==> flow/design.v <==
module multiplier #(
  parameter integer DW = 4
) (
  input sys_clk,
  input aresetn,
  input [DW-1:0] i_src1,
  input [DW-1:0] i_src2,
  input [2*DW-1:0] i_src3,
  output [2*DW:0] o_p
);
  reg [2*DW:0] p_reg;
  always @(posedge sys_clk) begin
    if (~aresetn) begin
      p_reg <= 0;
    end else begin
      p_reg <= i_src1 * i_src2 + i_src3;
    end
  end
  assign o_p = p_reg;
endmodule
Reports on multiplier
Module multiplier in several versions that differ in "DW"; each step lists the members.
The RTL above is that of DW=4; lines are counted from 1 in the file of the member named.
Operators carry their Yosys type and port widths (W data, S select, Z words).
Library cell names are shortened.
{"block": "setup", "design": "multiplier", "clock_port": "sys_clk", "library": "sky130hd", "pvt_corner": "tt_025C_1v80"}

Members of the sweep
Lines of each other member's file that are new or changed against the file above; lines that a member lacks are not shown.
{"block": "changed_lines", "DW": 10, "line_no": 2, "source": "parameter integer DW = 10"}
{"block": "changed_lines", "DW": 12, "line_no": 2, "source": "parameter integer DW = 12"}
{"block": "changed_lines", "DW": 18, "line_no": 2, "source": "parameter integer DW = 18"}
{"block": "changed_lines", "DW": 20, "line_no": 2, "source": "parameter integer DW = 20"}

Elaborated design
Source: Yosys, flattened and elaborated, memories not mapped. Widths are those after wreduce; folded enables and synchronous resets count as part of the registers. Registers that Yosys merges into a memory's read port (data or address) are not register bits. Print and check cells do not count. Equal cells are merged and count once.
{"block": "word_totals", "DW": 4, "regBits": 9}
{"block": "word_totals", "DW": 10, "regBits": 21}
{"block": "word_totals", "DW": 12, "regBits": 25}
{"block": "word_totals", "DW": 18, "regBits": 37}
{"block": "word_totals", "DW": 20, "regBits": 41}
{"block": "classes", "DW": 4, "addsub": 1, "multipliers": 1}
{"block": "classes", "DW": 10, "addsub": 1, "multipliers": 1}
{"block": "classes", "DW": 12, "addsub": 1, "multipliers": 1}
{"block": "classes", "DW": 18, "addsub": 1, "multipliers": 1}
{"block": "classes", "DW": 20, "addsub": 1, "multipliers": 1}
{"block": "ops", "DW": 4, "operators": "$mul A4 B4 Y8: 1; $add A8 B8 Y9: 1"}
{"block": "ops", "DW": 10, "operators": "$mul A10 B10 Y20: 1; $add A20 B20 Y21: 1"}
{"block": "ops", "DW": 12, "operators": "$mul A12 B12 Y24: 1; $add A24 B24 Y25: 1"}
{"block": "ops", "DW": 18, "operators": "$mul A18 B18 Y36: 1; $add A36 B36 Y37: 1"}
{"block": "ops", "DW": 20, "operators": "$mul A20 B20 Y40: 1; $add A40 B40 Y41: 1"}

Depth
Yosys ltp: most cells in a row. Word level: on the elaborated netlist, between registers, memories and ports. Mapped: between sequential cells and ports; inverters and the memories' decode and read muxes count.
{"block": "logic_depth", "DW": 4, "depth_word": 2, "ABC_AREA": 0, "mapped_depth": 12, "mapped_depth_nobuf": 12}
{"block": "logic_depth", "DW": 10, "depth_word": 2, "ABC_AREA": 0, "mapped_depth": 19, "mapped_depth_nobuf": 18}
{"block": "logic_depth", "DW": 12, "depth_word": 2, "ABC_AREA": 0, "mapped_depth": 19, "mapped_depth_nobuf": 18}
{"block": "logic_depth", "DW": 18, "depth_word": 2, "ABC_AREA": 0, "mapped_depth": 23, "mapped_depth_nobuf": 21}
{"block": "logic_depth", "DW": 20, "depth_word": 2, "ABC_AREA": 0, "mapped_depth": 24, "mapped_depth_nobuf": 22}

After synthesis
The flow's flattened synthesis, as Yosys stat reports it; memories are mapped. The netlist is that of the ABC_AREA named above (0 if unset); the other value can give another one.
Totals and module areas in this step are rounded.
{"block": "by_type", "DW": 4, "cell_types": "ha_1: 17; dfxtp_1: 9; fa_1: 9; and2_1: 14; inv_1: 23; nand2_1: 10; mux2i_1: 2; a221oi_2: 1; o21bai_1: 2; a211oi_2: 1; a21oi_1: 2; a21o_2: 1; a41oi_1: 1; xnor2_1: 1; xor2_1: 1; a211oi_1: 1; a21o_1: 1; nand3b_1: 1; (+11)"}
{"block": "by_type", "DW": 10, "cell_types": "fa_1: 82; ha_1: 57; and2_1: 69; dfxtp_1: 21; inv_1: 107; nand2_1: 62; a21oi_1: 16; xor2_1: 8; clkbuf_1: 16; xnor2_1: 6; nand2b_1: 5; nor2_1: 8; o21ai_1: 6; o2111ai_4: 1; nand3_1: 5; o21ai_0: 5; o211ai_1: 3; nand4_1: 3; (+26)"}
{"block": "by_type", "DW": 12, "cell_types": "fa_1: 123; ha_1: 65; inv_1: 191; and2_1: 82; dfxtp_1: 25; nand2_1: 93; clkbuf_1: 27; xor2_1: 10; a21oi_1: 17; o21ai_0: 11; nand3_1: 7; xnor2_1: 4; nor2_1: 9; a211oi_1: 4; mux2i_1: 3; o211ai_1: 4; o21a_1: 4; a21o_1: 3; (+31)"}
{"block": "by_type", "DW": 18, "cell_types": "fa_1: 290; inv_1: 415; ha_1: 116; and2_1: 191; dfxtp_1: 37; nand2_1: 164; clkbuf_1: 50; a21oi_1: 37; a21o_1: 21; nor2_1: 33; xnor2_1: 10; o21ai_0: 16; xor2_1: 9; mux2i_1: 7; nand3_1: 12; nand2b_1: 8; nand4_1: 7; o21a_1: 5; (+60)"}
{"block": "by_type", "DW": 20, "cell_types": "fa_1: 360; ha_1: 145; inv_1: 401; and2_1: 219; nand2_1: 225; dfxtp_1: 41; clkbuf_1: 92; a21oi_1: 41; nor2_1: 51; xnor2_1: 19; a21o_1: 17; o21ai_0: 20; xor2_1: 11; mux2i_1: 8; nand2b_1: 7; nand4_1: 7; nand3_1: 8; and3_1: 6; (+62)"}
The mark (+n) counts cells that are not listed.
{"block": "mapped", "DW": 4, "stdcells": 108, "area_um2": 980, "sequential_area_um2": 180, "ffs": 9, "n_buf": 1}
{"block": "mapped", "DW": 10, "stdcells": 506, "area_um2": 4520, "sequential_area_um2": 420, "ffs": 21, "n_buf": 18}
{"block": "mapped", "DW": 12, "stdcells": 713, "area_um2": 6210, "sequential_area_um2": 500, "ffs": 25, "n_buf": 27}
{"block": "mapped", "DW": 18, "stdcells": 1488, "area_um2": 13000, "sequential_area_um2": 741, "ffs": 37, "n_buf": 53}
{"block": "mapped", "DW": 20, "stdcells": 1740, "area_um2": 15600, "sequential_area_um2": 821, "ffs": 41, "n_buf": 95}

Path before layout
Source: OpenSTA report_checks on the synthesized netlist (no wires, ideal clock, input and output delay 20% of the period each), path of least setup slack; recovery checks are left aside. Register names are those of the netlist, which keeps one name where synthesis merged equal registers.
{"block": "synth_timing", "DW": 4, "path_kind": "input port to flip-flop", "from": "input port i_src1[0]", "to": "register p_reg[8]", "period_ps": 4220, "setup_slack_ps": 672, "stages": 10, "path_delay_ps": 2704, "synth_period_reached_ps": 3548}
{"block": "synth_timing", "DW": 10, "path_kind": "input port to flip-flop", "from": "input port i_src2[6]", "to": "register p_reg[18]", "period_ps": 7060, "setup_slack_ps": 1127, "stages": 17, "path_delay_ps": 4521, "synth_period_reached_ps": 5933}
{"block": "synth_timing", "DW": 12, "path_kind": "input port to flip-flop", "from": "input port i_src2[0]", "to": "register p_reg[13]", "period_ps": 7010, "setup_slack_ps": 1123, "stages": 18, "path_delay_ps": 4485, "synth_period_reached_ps": 5887}
{"block": "synth_timing", "DW": 18, "path_kind": "input port to flip-flop", "from": "input port i_src2[11]", "to": "register p_reg[32]", "period_ps": 8530, "setup_slack_ps": 1365, "stages": 23, "path_delay_ps": 5459, "synth_period_reached_ps": 7165}
{"block": "synth_timing", "DW": 20, "path_kind": "input port to flip-flop", "from": "input port i_src2[5]", "to": "register p_reg[39]", "period_ps": 9090, "setup_slack_ps": 1455, "stages": 21, "path_delay_ps": 5817, "synth_period_reached_ps": 7635}
"path_delay_ps" = arrival - input delay + setup time.
"stages" counts driving pins, that of a launching flip-flop among them; a cell with two outputs on the path counts twice.
"synth_period_reached_ps" is the clock period less the worst setup slack; recovery checks do not enter. This is arithmetic on one report: input and output delays are still those of the set period (20% each).
Between the ends stands the longest chain of elaborated cells between them, by number of cells; it is not shown to be the way that was timed. Of several equally long chains one is given.
Each line given opens the expression or statement behind the cell; cells for indexed reads and writes are added by Yosys, which also makes memories of some case tables.
{"block": "synth_via_DW_4", "elab_chain_len": 2}
{"block": "synth_lines_DW_4", "item": "start: declaration", "line_no": 6, "source": "input [DW-1:0] i_src1,"}
{"block": "synth_lines_DW_4", "item": "$mul A4 B4 Y8", "line_no": 16, "source": "p_reg <= i_src1 * i_src2 + i_src3;"}
{"block": "synth_lines_DW_4", "item": "$add A8 B8 Y9", "line_no": 16}
{"block": "synth_lines_DW_4", "item": "end: assignment", "line_no": 14, "source": "p_reg <= 0;"}
{"block": "synth_lines_DW_4", "item": "end: assignment", "line_no": 16}
{"block": "synth_lines_DW_4", "item": "end: declaration", "line_no": 11, "source": "reg [2*DW:0] p_reg;"}
{"block": "synth_via_DW_20", "elab_chain_len": 2}
{"block": "synth_lines_DW_20", "item": "start: declaration", "line_no": 7, "source": "input [DW-1:0] i_src2,"}
{"block": "synth_lines_DW_20", "item": "$mul A20 B20 Y40", "line_no": 16, "source": "p_reg <= i_src1 * i_src2 + i_src3;"}
{"block": "synth_lines_DW_20", "item": "$add A40 B40 Y41", "line_no": 16}
{"block": "synth_lines_DW_20", "item": "end: assignment", "line_no": 14, "source": "p_reg <= 0;"}
{"block": "synth_lines_DW_20", "item": "end: assignment", "line_no": 16}
{"block": "synth_lines_DW_20", "item": "end: declaration", "line_no": 11, "source": "reg [2*DW:0] p_reg;"}

Worst path after layout
From the final timing report of the run of each member: the path of least setup slack in the routed layout; clock arrival at registers is part of the times.
The path's times are printed in steps of 10 ps; the period is the one set.
{"block": "layout_timing", "DW": 4, "path_kind": "input port to flip-flop", "from": "input port i_src2[3]", "to": "register p_reg[8]", "period_ps": 4220, "setup_slack_ps": 260, "stages": 11, "t_arrival_ps": 4160}
{"block": "layout_timing", "DW": 10, "path_kind": "input port to flip-flop", "from": "input port i_src1[5]", "to": "register p_reg[18]", "period_ps": 7060, "setup_slack_ps": 640, "stages": 17, "t_arrival_ps": 6560}
{"block": "layout_timing", "DW": 12, "path_kind": "input port to flip-flop", "from": "input port i_src2[1]", "to": "register p_reg[24]", "period_ps": 7010, "setup_slack_ps": 460, "stages": 18, "t_arrival_ps": 6690}
{"block": "layout_timing", "DW": 18, "path_kind": "input port to flip-flop", "from": "input port i_src2[3]", "to": "register p_reg[32]", "period_ps": 8530, "setup_slack_ps": 510, "stages": 19, "t_arrival_ps": 8230}
{"block": "layout_timing", "DW": 20, "path_kind": "input port to flip-flop", "from": "input port i_src1[8]", "to": "register p_reg[35]", "period_ps": 9090, "setup_slack_ps": 470, "stages": 22, "t_arrival_ps": 8840}

Layout results
One run of the flow (Yosys, OpenROAD) for each member, with settings and measured results. Input and output delays are each 20% of the period that was set; the output load is 0.01 pF.
{"block": "flow_settings", "CAP_MARGIN": 20, "CORE_MARGIN": 2, "CORE_UTILIZATION": 40, "SLEW_MARGIN": 20}
{"block": "settings_diff", "DW": 4, "period_ns": 4.22}
{"block": "settings_diff", "DW": 10, "period_ns": 7.06}
{"block": "settings_diff", "DW": 12, "period_ns": 7.01}
{"block": "settings_diff", "DW": 18, "period_ns": 8.53}
{"block": "settings_diff", "DW": 20, "period_ns": 9.09}
{"block": "results", "DW": 4, "post_synth_area_um2": 980, "die_footprint_um2": 2860, "layout_utilization_frac": 0.589, "final_setup_ws_ps": 255, "total_negative_slack_ps": 0, "timing.hold.ws_ps": 1330, "achieved_period_ps": 3965}
{"block": "results", "DW": 10, "post_synth_area_um2": 4520, "die_footprint_um2": 12200, "layout_utilization_frac": 0.489, "final_setup_ws_ps": 637, "total_negative_slack_ps": 0, "timing.hold.ws_ps": 1900, "achieved_period_ps": 6423}
{"block": "results", "DW": 12, "post_synth_area_um2": 6210, "die_footprint_um2": 16500, "layout_utilization_frac": 0.477, "final_setup_ws_ps": 462, "total_negative_slack_ps": 0, "timing.hold.ws_ps": 1890, "achieved_period_ps": 6548}
{"block": "results", "DW": 18, "post_synth_area_um2": 13000, "die_footprint_um2": 34000, "layout_utilization_frac": 0.461, "final_setup_ws_ps": 508, "total_negative_slack_ps": 0, "timing.hold.ws_ps": 2170, "achieved_period_ps": 8022}
{"block": "results", "DW": 20, "post_synth_area_um2": 15600, "die_footprint_um2": 40500, "layout_utilization_frac": 0.458, "final_setup_ws_ps": 470, "total_negative_slack_ps": 0, "timing.hold.ws_ps": 2250, "achieved_period_ps": 8620}
"achieved_period_ps" means the clock period less the worst setup slack. The figure is calculated, with input and output delays left at 20% of the set period.
Results are given in rounded form.
